==> flow/design.v <==
module my_arith_stage #(
  parameter integer DW = 8
) (
  input core_clk,
  input nrst,
  input [DW-1:0] src1_i,
  input [DW-1:0] src2_i,
  input minus_i,
  output [DW:0] result_o
);
  reg [DW-1:0] src1_q;
  always @(posedge core_clk) begin
    if (!nrst) begin
      src1_q <= 0;
    end else begin
      src1_q <= src1_i;
    end
  end
  reg [DW-1:0] src2_q;
  always @(posedge core_clk) begin
    if (!nrst) begin
      src2_q <= 0;
    end else begin
      src2_q <= src2_i;
    end
  end
  reg minus_q;
  always @(posedge core_clk) begin
    if (!nrst) begin
      minus_q <= 1'b0;
    end else begin
      minus_q <= minus_i;
    end
  end
  reg [DW:0] t_q;
  always @(posedge core_clk) begin
    if (!nrst) begin
      t_q <= 0;
    end else begin
      t_q <= src1_q + src2_q;
    end
  end
  reg [DW:0] aux_q;
  always @(posedge core_clk) begin
    if (!nrst) begin
      aux_q <= 0;
    end else begin
      aux_q <= src1_q - src2_q;
    end
  end
  reg minus_q_d;
  always @(posedge core_clk) begin
    if (!nrst) begin
      minus_q_d <= 1'b0;
    end else begin
      minus_q_d <= minus_q;
    end
  end
  reg [DW:0] result_q;
  always @(posedge core_clk) begin
    if (!nrst) begin
      result_q <= 0;
    end else begin
      result_q <= minus_q_d ? aux_q : t_q;
    end
  end
  assign result_o = result_q;
endmodule
Step by step through the tools: my_arith_stage
Tool output for the design above, in the order of the flow.
Line numbers count from 1 in the design file above.
Operators: Yosys type, input widths -> output width; for muxes data width and select width s.
Cell names lack the library's common part.
A cell with -- has no value.
- design top: my_arith_stage
- clock input: core_clk
- standard-cell library: sky130hd
- corner: tt_025C_1v80

After elaboration
Source: Yosys, flattened and elaborated, memories not mapped. Widths are those after wreduce; folded enables and synchronous resets count as part of the registers. Registers that Yosys merges into a memory's read port (data or address) are not register bits. Print and check cells do not count. Equal cells are merged and count once.
- flip-flop bits (word level) at 45
- noted input port bits: 19
- noted add/subtract/negate cells: 2
- noted muxes and demuxes: 1
- operators by type and width (operator ; number):
    $add 8x8->9 ; 1
    $sub 8x8->9 ; 1
    $mux 9 ; 1

Longest topological paths
Longest topological path by Yosys (ltp), each cell counted once; first at word level (registers and memories cut), then after technology mapping (sequential cells cut; the memories' decode and read muxes count).
- depth in word-level cells at 1
- ABC_AREA: 0
- noted mapped depth: 8

Netlist
Source: synth_stat.txt of the flow (Yosys; design flattened, memories mapped). It holds for the ABC_AREA given above (unset counts as 0); a run with the other value may have another netlist.
The area totals of this step are shown rounded.
- sequential part of the area: 881 um2
- noted buffer cells: 10
- noted flip-flop cells: 44
- noted cells in the netlist: 200
- mapped area at 1930 um2
- cell types (type ; number ; total area (um2)):
    dfxtp_1 ; 44 ; 880.845
    ha_1 ; 16 ; 200.192
    and2_1 ; 20 ; 125.12
    mux2i_1 ; 10 ; 100.096
    nor2_1 ; 23 ; 86.333
    inv_1 ; 17 ; 63.811
    a21oi_1 ; 9 ; 45.043
    fa_1 ; 2 ; 40.038
    nor4_1 ; 5 ; 31.28
    o21ai_0 ; 6 ; 30.029
    a221oi_4 ; 1 ; 26.275
    nand3_1 ; 4 ; 20.019
    clkbuf_1 ; 5 ; 18.768
    or3_1 ; 3 ; 18.768
    o2111ai_1 ; 2 ; 17.517
    xnor2_1 ; 2 ; 17.517
    a41oi_2 ; 1 ; 16.266
    a211oi_1 ; 2 ; 15.014
Not listed: further types 19, cells in them 28.

Worst setup path after synthesis
OpenSTA on the mapped netlist: ideal clock, no wires. The path of least setup slack (recovery checks aside). Input and output delay are each 20% of the period. Register names are those of the netlist, which keeps one name where synthesis merged equal registers.
- path type: flip-flop to flip-flop
- start: register src1_q[0]
- end: register t_q[8]
- noted data arrival time: 1.731 ns
- setup slack at 0.463 ns
- period at 2.33 ns
- stages on the path at 8
- noted path delay: 1.867 ns
- synthesis period reached at 1.867 ns
"path delay" = arrival - input delay + setup time.
"stages on the path" counts driving pins, that of a launching flip-flop among them; a cell with two outputs on the path counts twice.
"synthesis period reached" is the clock period less the worst setup slack; recovery checks do not enter. This is arithmetic on one report: input and output delays are still those of the set period (20% each).
Between the ends stands the longest chain of elaborated cells between them, by number of cells; it is not shown to be the way that was timed. Of several equally long chains one is given.
Each line given opens the expression or statement behind the cell; cells for indexed reads and writes are added by Yosys, which also makes memories of some case tables.
- cell sequence: dfxtp_1 -> ha_1 -> fa_1 -> nor2b_1 -> or3_1 -> a21oi_1 -> o21ba_2 -> o32ai_1
- length of the longest elaborated chain at 1
- elaborated cells on any way between the ends at 1
- classes of those cells: 1 x add/sub
- ends and longest elaborated chain, after synthesis (item ; RTL line ; source):
    start, declared ; 11 ; reg [DW-1:0] src1_q;
    start, assigned ; 14 ; src1_q <= 0;
    start, assigned ; 16 ; src1_q <= src1_i;
    $add 8x8->9 ; 40 ; t_q <= src1_q + src2_q;
    end, assigned ; 38 ; t_q <= 0;
    end, assigned ; 40 ;
    end, declared ; 35 ; reg [DW:0] t_q;

Worst path after layout
Path of least setup slack in the final report of run 1 (OpenROAD, finished layout, wires in). Where an end is a register, its clock arrival counts in the times.
- path type: flip-flop to flip-flop
- start: register src1_q[0]
- end: register t_q[8]
- noted data arrival time: 2.26 ns
- period at 2.59 ns
- stages on the path at 8
- setup slack at 0.48 ns
Between the ends stands the longest chain of elaborated cells between them, by number of cells; it is not shown to be the way that was timed. Of several equally long chains one is given.
- cell sequence: dfxtp_1 -> ha_1 -> fa_1 -> nor2b_1 -> or3_1 -> a21oi_1 -> o21ba_2 -> o32ai_1
- length of the longest elaborated chain at 1
- elaborated cells on any way between the ends at 1
- classes of those cells: 1 x add/sub
- ends and longest elaborated chain, after layout (item ; RTL line ; source):
    start, declared ; 11 ; reg [DW-1:0] src1_q;
    start, assigned ; 14 ; src1_q <= 0;
    start, assigned ; 16 ; src1_q <= src1_i;
    $add 8x8->9 ; 40 ; t_q <= src1_q + src2_q;
    end, assigned ; 38 ; t_q <= 0;
    end, assigned ; 40 ;
    end, declared ; 35 ; reg [DW:0] t_q;

Measured results for my_arith_stage: 3 stored runs of the Yosys and OpenROAD flow on sky130hd. The settings differ; the order carries no meaning. The constraints put input and output delay at 20% of the set period each and load the outputs with 0.01 pF.
"period reached" means the clock period less the worst setup slack. The figure is calculated, with input and output delays left at 20% of the set period.
"critical path time": the worst setup path's part of the clock period (all of it between registers, 20% less for each end at a port) less its slack. A launch clock that arrives late makes it longer, a capture clock that arrives late makes it shorter.
"power" is the tool's figure for a default switching activity; nothing was simulated.
Results are given in rounded form.

Run 1

==> flow/run.sh <==
#!/bin/bash
# the make line also repeats the synthesis and layout settings of config.mk as NAME=value (left out here)
make -C /OpenROAD-flow-scripts/flow DESIGN_CONFIG=/design/flow/config.mk WORK_HOME=/design/flow/orfs CLKGATE_MAP_FILE= finish
==> flow/config.mk <==
export PLATFORM = sky130hd
export DESIGN_NAME = my_arith_stage
export DESIGN_NICKNAME = my_arith_stage
export VERILOG_FILES = /design/flow/design.v
export SDC_FILE = /design/flow/constraint.sdc
export NUM_CORES = 4
export LEC_CHECK = 0
export CAP_MARGIN = 35
export CORE_ASPECT_RATIO = 0.94
export CORE_MARGIN = 10
export CORE_UTILIZATION = 30
export GPL_TIMING_DRIVEN = 0
export PLACE_DENSITY_LB_ADDON = 0.22
export SETUP_SLACK_MARGIN = -0.06
export SLEW_MARGIN = 0
export TNS_END_PERCENT = 65
==> flow/constraint.sdc <==
create_clock -name core_clock -period 2.59 [get_ports {core_clk}]
set_input_delay 0.5180 -clock core_clock [delete_from_list [all_inputs] [get_ports {core_clk}]]
set_output_delay 0.5180 -clock core_clock [all_outputs]
set_load 0.01 [all_outputs]

Measured in run 1:
- noted the mapped cell area after synthesis: 1930 um2
- noted the overall die area: 10100 um2
- power at 1490 uW
- period reached: 2.107 ns
- total negative slack on setup checks: 0.000 ns
- post-layout utilization: 0.383
- standard-cell area after layout at 2400 um2
- setup slack of the worst path at 0.483 ns
- noted the critical path time: 2.11 ns
- critical path kind: flip-flop to flip-flop
- lowest hold slack at 0.440 ns

Run 2

==> flow/run.sh <==
#!/bin/bash
# the make line also repeats the synthesis and layout settings of config.mk as NAME=value (left out here)
make -C /OpenROAD-flow-scripts/flow DESIGN_CONFIG=/design/flow/config.mk WORK_HOME=/design/flow/orfs CLKGATE_MAP_FILE= finish
==> flow/config.mk <==
export PLATFORM = sky130hd
export DESIGN_NAME = my_arith_stage
export DESIGN_NICKNAME = my_arith_stage
export VERILOG_FILES = /design/flow/design.v
export SDC_FILE = /design/flow/constraint.sdc
export NUM_CORES = 4
export LEC_CHECK = 0
export ABC_AREA = 1
export CAP_MARGIN = 20
export CELL_PAD_IN_SITES_DETAIL_PLACEMENT = 0
export CELL_PAD_IN_SITES_GLOBAL_PLACEMENT = 2
export CORE_MARGIN = 2
export CORE_UTILIZATION = 64
export CTS_CLUSTER_SIZE = 54
export MAX_ROUTING_LAYER = met5
export MIN_ROUTING_LAYER = met2
export PLACE_DENSITY_LB_ADDON = 0.17
export SETUP_SLACK_MARGIN = 0.47
export SLEW_MARGIN = 20
==> flow/constraint.sdc <==
create_clock -name core_clock -period 1.64 [get_ports {core_clk}]
set_input_delay 0.3280 -clock core_clock [delete_from_list [all_inputs] [get_ports {core_clk}]]
set_output_delay 0.3280 -clock core_clock [all_outputs]
set_load 0.01 [all_outputs]

Run 2: stopped before the end: placement reported FLW-0024.

Run 3

==> flow/run.sh <==
#!/bin/bash
# the make line also repeats the synthesis and layout settings of config.mk as NAME=value (left out here)
make -C /OpenROAD-flow-scripts/flow DESIGN_CONFIG=/design/flow/config.mk WORK_HOME=/design/flow/orfs CLKGATE_MAP_FILE= finish
==> flow/config.mk <==
export PLATFORM = sky130hd
export DESIGN_NAME = my_arith_stage
export DESIGN_NICKNAME = my_arith_stage
export VERILOG_FILES = /design/flow/design.v
export SDC_FILE = /design/flow/constraint.sdc
export NUM_CORES = 4
export LEC_CHECK = 0
export CAP_MARGIN = 20
export CORE_MARGIN = 2
export CORE_UTILIZATION = 40
export SLEW_MARGIN = 20
==> flow/constraint.sdc <==
create_clock -name core_clock -period 2.33 [get_ports {core_clk}]
set_input_delay 0.4660 -clock core_clock [delete_from_list [all_inputs] [get_ports {core_clk}]]
set_output_delay 0.4660 -clock core_clock [all_outputs]
set_load 0.01 [all_outputs]

Measured in run 3:
- power at 1650 uW
- standard-cell area after layout at 2350 um2
- noted the critical path time: 2.04 ns
- critical path kind: flip-flop to flip-flop
- total negative slack on setup checks: 0.000 ns
- setup slack of the worst path at 0.286 ns
- noted the overall die area: 5400 um2
- period reached: 2.044 ns
- lowest hold slack at 0.440 ns
- noted the mapped cell area after synthesis: 1930 um2
- post-layout utilization: 0.501
